==> flow/design.v <==
module my_multiplier #(
    parameter integer DWIDTH = 24
) (
    input  wire clk,
    input  wire RST,
    input  wire [DWIDTH-1:0] arg0,
    input  wire [DWIDTH-1:0] arg1,
    output reg [2*DWIDTH-1:0] p
);
    reg [2*DWIDTH-1:0] nxt;
    integer n;
    always @(*) begin
        nxt = 0;
        for (n = 0; n < DWIDTH; n = n + 1)
            if (arg1[n]) nxt = nxt + (arg0 << n);
    end
    always @(posedge clk or posedge RST) begin
        if (RST) begin
            p <= 0;
        end else begin
            p <= nxt;
        end
    end
endmodule
; Reports on my_multiplier
; What the tools print for my_multiplier, step after step.
; Lines are those of the file above, counted from 1.
; Cell names lack the library's common part.
; The mark -- stands for no value.
[setup]
design = my_multiplier
clk_port = clk
cell_library = sky130hd
pvt_corner = tt_025C_1v80

; Elaborated design
; Counts by Yosys on the flattened word-level netlist (proc, flatten, opt, wreduce; memories kept). Register bits leave out memories and registers merged into their read ports (data or address); mux counts leave out enables and synchronous resets folded into registers. Print and check cells are left out. Cells with the same type and inputs are merged into one.
[op_classes]
n_addsub = 23
multipliers = 0
n_div = 0
cmp = 0
eq_ne = 0
n_shift = 0
mux = 24
bitwise = 0
reduce_and_logical = 0
[op_table]
columns = op, count
row1 = 48-bit 2-to-1 mux, 23
row2 = 48-bit by 25-bit adder with 48-bit output, 1
row3 = 48-bit by 26-bit adder with 48-bit output, 1
row4 = 48-bit by 27-bit adder with 48-bit output, 1
row5 = 48-bit by 28-bit adder with 48-bit output, 1
row6 = 48-bit by 29-bit adder with 48-bit output, 1
row7 = 48-bit by 30-bit adder with 48-bit output, 1
row8 = 48-bit by 31-bit adder with 48-bit output, 1
row9 = 48-bit by 32-bit adder with 48-bit output, 1
row10 = 48-bit by 33-bit adder with 48-bit output, 1
row11 = 48-bit by 34-bit adder with 48-bit output, 1
row12 = 48-bit by 35-bit adder with 48-bit output, 1
row13 = 48-bit by 36-bit adder with 48-bit output, 1
row14 = 48-bit by 37-bit adder with 48-bit output, 1
row15 = 48-bit by 38-bit adder with 48-bit output, 1
row16 = 48-bit by 39-bit adder with 48-bit output, 1
row17 = 48-bit by 40-bit adder with 48-bit output, 1
row18 = 48-bit by 41-bit adder with 48-bit output, 1
row19 = 48-bit by 42-bit adder with 48-bit output, 1
row20 = 48-bit by 43-bit adder with 48-bit output, 1
row21 = 48-bit by 44-bit adder with 48-bit output, 1
row22 = 48-bit by 45-bit adder with 48-bit output, 1
row23 = 48-bit by 46-bit adder with 48-bit output, 1
row24 = 48-bit by 47-bit adder with 48-bit output, 1
row25 = 24-bit 2-to-1 mux, 1
[word_totals]
regBits = 48
latchBits = 0
ramBits = 0
mem_bits_ro = 0
clocked_rd_ports_x_width = 0
n_memories = 0
in_bits = 50
out_inout_bits = 48
word_cells = 48

; Longest topological paths
; Depth = most cells in a row (Yosys ltp): at word level without a register or memory, in the mapped netlist without a sequential cell, where the memories' decode and read muxes count.
[logic_depth]
ltp_word = 47
abc_area = 0
mapped_depth = 188
depth_no_buf = 184

; Mapped cells and area
; The flow's flattened synthesis, as Yosys stat reports it; memories are mapped. The netlist is that of the ABC_AREA named above (0 if unset); the other value can give another one.
; Totals and module areas in this step are rounded.
[mapped]
stdcells = 5427
mapped_area_um2 = 38000
sequential_area_um2 = 1200
ffs = 48
buffers = 168
[by_type]
columns = cell, count, type_area_um2
row1 = ha_1, 573, 7.17E+03
row2 = a21oi_1, 497, 2.49E+03
row3 = xnor2_1, 237, 2.08E+03
row4 = o21ai_0, 402, 2011.93
row5 = nand2_1, 527, 1.98E+03
row6 = nor2_1, 477, 1.79E+03
row7 = a21o_1, 227, 1.7E+03
row8 = o21a_1, 164, 1.23E+03
row9 = dfrtp_1, 48, 1.2E+03
row10 = xor2_1, 137, 1.2E+03
row11 = mux2_2, 103, 1.16E+03
row12 = inv_1, 248, 930.893
row13 = nand3_1, 126, 630.605
row14 = nor3_1, 119, 595.571
row15 = a31oi_1, 93, 581.808
row16 = nand2b_1, 89, 556.784
row17 = a211oi_1, 74, 555.533
row18 = mux2i_1, 55, 550.528
; Not listed: further types 82, cells in them 1231.

; Timing after synthesis
; Path of least setup slack by OpenSTA after synthesis, without wires, with an ideal clock, recovery checks aside; 20% of the period is set as input and as output delay. Where synthesis merged equal registers, the netlist keeps one of their names.
[synth_timing]
path_kind = input to register
startpoint = input arg1[0]
endpoint = register p[46]
period_ns = 50.8
in_delay_ns = 10.160
setup_time_ns = 0.125
launch_ns = 10.160
arrival_ns = 42.546
required_ns = 50.675
setup_slack_ns = 8.129
delay_ns = 32.511
path_stages = 170
path_buffers = 4
synth_period_reached_ns = 42.671
; "delay_ns" = arrival - input delay + setup time.
; "path_stages": output pins that drive a net of the path, with the launching flip-flop's if there is one; two outputs of one cell count as two.
; "synth_period_reached_ns" = period - worst setup slack (recovery checks aside). The figure is calculated, with input and output delays left at 20% of the set period.
; The rows between start and end are the longest chain of elaborated cells between them; the timing report does not say that the signal goes this way. Where chains are equally long, one stands for them.
; Each line given opens the expression or statement behind the cell; cells for indexed reads and writes are added by Yosys, which also makes memories of some case tables.
[synth_between]
path_cell_list = buf_2 > clkbuf_1 > clkbuf_1 > and2_1 > ha_1 > a21oi_1 > o21ai_1 > a221o_1 > a2111oi_0 > or3_1 > a21oi_1 > a21o_1 > ha_1 > a21o_1 > a211oi_1 > o2bb2ai_1 > a21o_1 > xnor2_1 > (+134 left out) > nor4_1 > o21a_1 > nor2_1 > a21oi_1 > xnor2_1 > mux2_2 > ha_1 > nor2b_1 > a41oi_1 > nor2b_1 > xnor2_1 > mux2_2 > ha_1 > nand3_1 > nand4_1 > a21oi_1 > xnor2_1 > mux2_2
elab_chain_cells = 47
cone_cells = 47
cone_lines = 1
cone_classes = 23 x add/sub; 24 x mux
[synth_lines]
columns = element, line_no
row1 = from (decl), 7  ; input  wire [DWIDTH-1:0] arg1,
row2 = 24-bit 2-to-1 mux, 15  ; if (arg1[n]) nxt = nxt + (arg0 << n);
row3 = 48-bit by 25-bit adder with 48-bit output, 15
row4 = 48-bit 2-to-1 mux, 15
row5 = 48-bit by 26-bit adder with 48-bit output, 15
row6 = 48-bit 2-to-1 mux, 15
row7 = 48-bit by 27-bit adder with 48-bit output, 15
row8 = 48-bit 2-to-1 mux, 15
row9 = (+33 left out), --
row10 = 48-bit 2-to-1 mux, 15
row11 = 48-bit by 45-bit adder with 48-bit output, 15
row12 = 48-bit 2-to-1 mux, 15
row13 = 48-bit by 46-bit adder with 48-bit output, 15
row14 = 48-bit 2-to-1 mux, 15
row15 = 48-bit by 47-bit adder with 48-bit output, 15
row16 = 48-bit 2-to-1 mux, 15
row17 = to (assign), 19  ; p <= 0;
row18 = to (assign), 21  ; p <= nxt;
row19 = to (decl), 8  ; output reg [2*DWIDTH-1:0] p

; Timing after layout
; From the final timing report of job 1: the path of least setup slack in the routed layout; clock arrival at registers is part of the times.
[layout_timing]
path_kind = input to register
startpoint = input arg0[2]
endpoint = register p[45]
period_ns = 50.8
in_delay_ns = 10.16
setup_time_ns = 0.11
launch_ns = 10.16
arrival_ns = 48.76
required_ns = 51.03
setup_slack_ns = 2.27
path_stages = 169
path_buffers = 1
; The rows between start and end are the longest chain of elaborated cells between them; the timing report does not say that the signal goes this way. Where chains are equally long, one stands for them.
[layout_between]
path_cell_list = clkbuf_4 > and2_1 > ha_1 > a21oi_1 > o21ai_1 > a221o_1 > a2111oi_1 > or3_1 > a21oi_1 > a21o_1 > ha_1 > a21o_1 > a211oi_1 > o2bb2ai_1 > a21o_1 > xnor2_1 > mux2_2 > ha_1 > (+133 left out) > a221oi_1 > xor2_1 > a221oi_1 > ha_1 > inv_1 > o21bai_1 > a21oi_1 > nand2_1 > xnor2_1 > nand2_1 > o21ai_0 > inv_1 > ha_1 > nand4_1 > and3_1 > a21oi_1 > xor2_1 > mux2_2
elab_chain_cells = 47
cone_cells = 47
cone_lines = 1
cone_classes = 23 x add/sub; 24 x mux
[layout_lines]
columns = element, line_no
row1 = from (decl), 6  ; input  wire [DWIDTH-1:0] arg0,
row2 = 24-bit 2-to-1 mux, 15  ; if (arg1[n]) nxt = nxt + (arg0 << n);
row3 = 48-bit by 25-bit adder with 48-bit output, 15
row4 = 48-bit 2-to-1 mux, 15
row5 = 48-bit by 26-bit adder with 48-bit output, 15
row6 = 48-bit 2-to-1 mux, 15
row7 = 48-bit by 27-bit adder with 48-bit output, 15
row8 = 48-bit 2-to-1 mux, 15
row9 = (+33 left out), --
row10 = 48-bit 2-to-1 mux, 15
row11 = 48-bit by 45-bit adder with 48-bit output, 15
row12 = 48-bit 2-to-1 mux, 15
row13 = 48-bit by 46-bit adder with 48-bit output, 15
row14 = 48-bit 2-to-1 mux, 15
row15 = 48-bit by 47-bit adder with 48-bit output, 15
row16 = 48-bit 2-to-1 mux, 15
row17 = to (assign), 19  ; p <= 0;
row18 = to (assign), 21  ; p <= nxt;
row19 = to (decl), 8  ; output reg [2*DWIDTH-1:0] p

Lab notebook: my_multiplier

Module my_multiplier, platform sky130hd: 3 stored runs of the flow (Yosys, OpenROAD) with differing settings, in no particular order. Input and output delays are each 20% of the period that was set; the output load is 0.01 pF.
"period_reached_ns": clock period set for the run, less the worst setup slack. It is reckoned from that one timing run; input and output delays stay at 20% of the period that was set.
"worst_path_time_ns": the worst setup path's part of the clock period (all of it between registers, 20% less for each end at a port) less its slack. A launch clock that arrives late makes it longer, a capture clock that arrives late makes it shorter.
Results are given in rounded form.

# job 1
==> flow/run.sh <==
#!/bin/bash
# the make line also repeats the synthesis and layout settings of config.mk as NAME=value (left out here)
make -C /OpenROAD-flow-scripts/flow DESIGN_CONFIG=/design/flow/config.mk WORK_HOME=/design/flow/orfs CLKGATE_MAP_FILE= finish
==> flow/config.mk <==
export PLATFORM = sky130hd
export DESIGN_NAME = my_multiplier
export DESIGN_NICKNAME = my_multiplier
export VERILOG_FILES = /design/flow/design.v
export SDC_FILE = /design/flow/constraint.sdc
export NUM_CORES = 4
export LEC_CHECK = 0
export CAP_MARGIN = 20
export CORE_MARGIN = 2
export CORE_UTILIZATION = 40
export SLEW_MARGIN = 20
==> flow/constraint.sdc <==
create_clock -name core_clock -period 50.8 [get_ports {clk}]
set_input_delay 10.1600 -clock core_clock [delete_from_list [all_inputs] [get_ports {clk}]]
set_output_delay 10.1600 -clock core_clock [all_outputs]
set_load 0.01 [all_outputs]

==> job 1: results <==
final_die_area_um2=96000
timing.setup.tns_ns=0.000
fin_util_frac=0.43
cell_area_final_um2=40000
yosys_chip_area_um2=38000
timing.hold.ws_ns=10
worst_path_time_ns=38.37
worst_setup_path_type="input to register"
final_setup_ws_ns=2.3
period_reached_ns=48.526

# job 2
==> flow/run.sh <==
#!/bin/bash
# the make line also repeats the synthesis and layout settings of config.mk as NAME=value (left out here)
make -C /OpenROAD-flow-scripts/flow DESIGN_CONFIG=/design/flow/config.mk WORK_HOME=/design/flow/orfs CLKGATE_MAP_FILE= finish
==> flow/config.mk <==
export PLATFORM = sky130hd
export DESIGN_NAME = my_multiplier
export DESIGN_NICKNAME = my_multiplier
export VERILOG_FILES = /design/flow/design.v
export SDC_FILE = /design/flow/constraint.sdc
export NUM_CORES = 4
export LEC_CHECK = 0
export ABC_AREA = 0
export CAP_MARGIN = 20
export CELL_PAD_IN_SITES_DETAIL_PLACEMENT = 1
export CELL_PAD_IN_SITES_GLOBAL_PLACEMENT = 2
export CORE_MARGIN = 8
export CORE_UTILIZATION = 71
export CTS_CLUSTER_DIAMETER = 37
export GPL_ROUTABILITY_DRIVEN = 1
export MIN_ROUTING_LAYER = met2
export SETUP_SLACK_MARGIN = -1.15
export SLEW_MARGIN = 20
==> flow/constraint.sdc <==
create_clock -name core_clock -period 35.6 [get_ports {clk}]
set_input_delay 7.1200 -clock core_clock [delete_from_list [all_inputs] [get_ports {clk}]]
set_output_delay 7.1200 -clock core_clock [all_outputs]
set_load 0.01 [all_outputs]

==> job 2: results <==
outcome="did not finish, placement stopped with GPL-0301"

# job 3
==> flow/run.sh <==
#!/bin/bash
# the make line also repeats the synthesis and layout settings of config.mk as NAME=value (left out here)
make -C /OpenROAD-flow-scripts/flow DESIGN_CONFIG=/design/flow/config.mk WORK_HOME=/design/flow/orfs CLKGATE_MAP_FILE= finish
==> flow/config.mk <==
export PLATFORM = sky130hd
export DESIGN_NAME = my_multiplier
export DESIGN_NICKNAME = my_multiplier
export VERILOG_FILES = /design/flow/design.v
export SDC_FILE = /design/flow/constraint.sdc
export NUM_CORES = 4
export LEC_CHECK = 0
export ABC_AREA = 0
export CAP_MARGIN = 20
export CELL_PAD_IN_SITES_DETAIL_PLACEMENT = 1
export CELL_PAD_IN_SITES_GLOBAL_PLACEMENT = 3
export CORE_MARGIN = 8
export CORE_UTILIZATION = 37
export CTS_CLUSTER_DIAMETER = 88
export CTS_CLUSTER_SIZE = 100
export MAX_ROUTING_LAYER = met4
export MIN_ROUTING_LAYER = met2
export PLACE_DENSITY_LB_ADDON = 0.23
export SETUP_SLACK_MARGIN = 5.0
export SLEW_MARGIN = 20
==> flow/constraint.sdc <==
create_clock -name core_clock -period 40.5 [get_ports {clk}]
set_input_delay 8.1000 -clock core_clock [delete_from_list [all_inputs] [get_ports {clk}]]
set_output_delay 8.1000 -clock core_clock [all_outputs]
set_load 0.01 [all_outputs]

==> job 3: results <==
outcome="did not finish, routing stopped with GRT-0116"
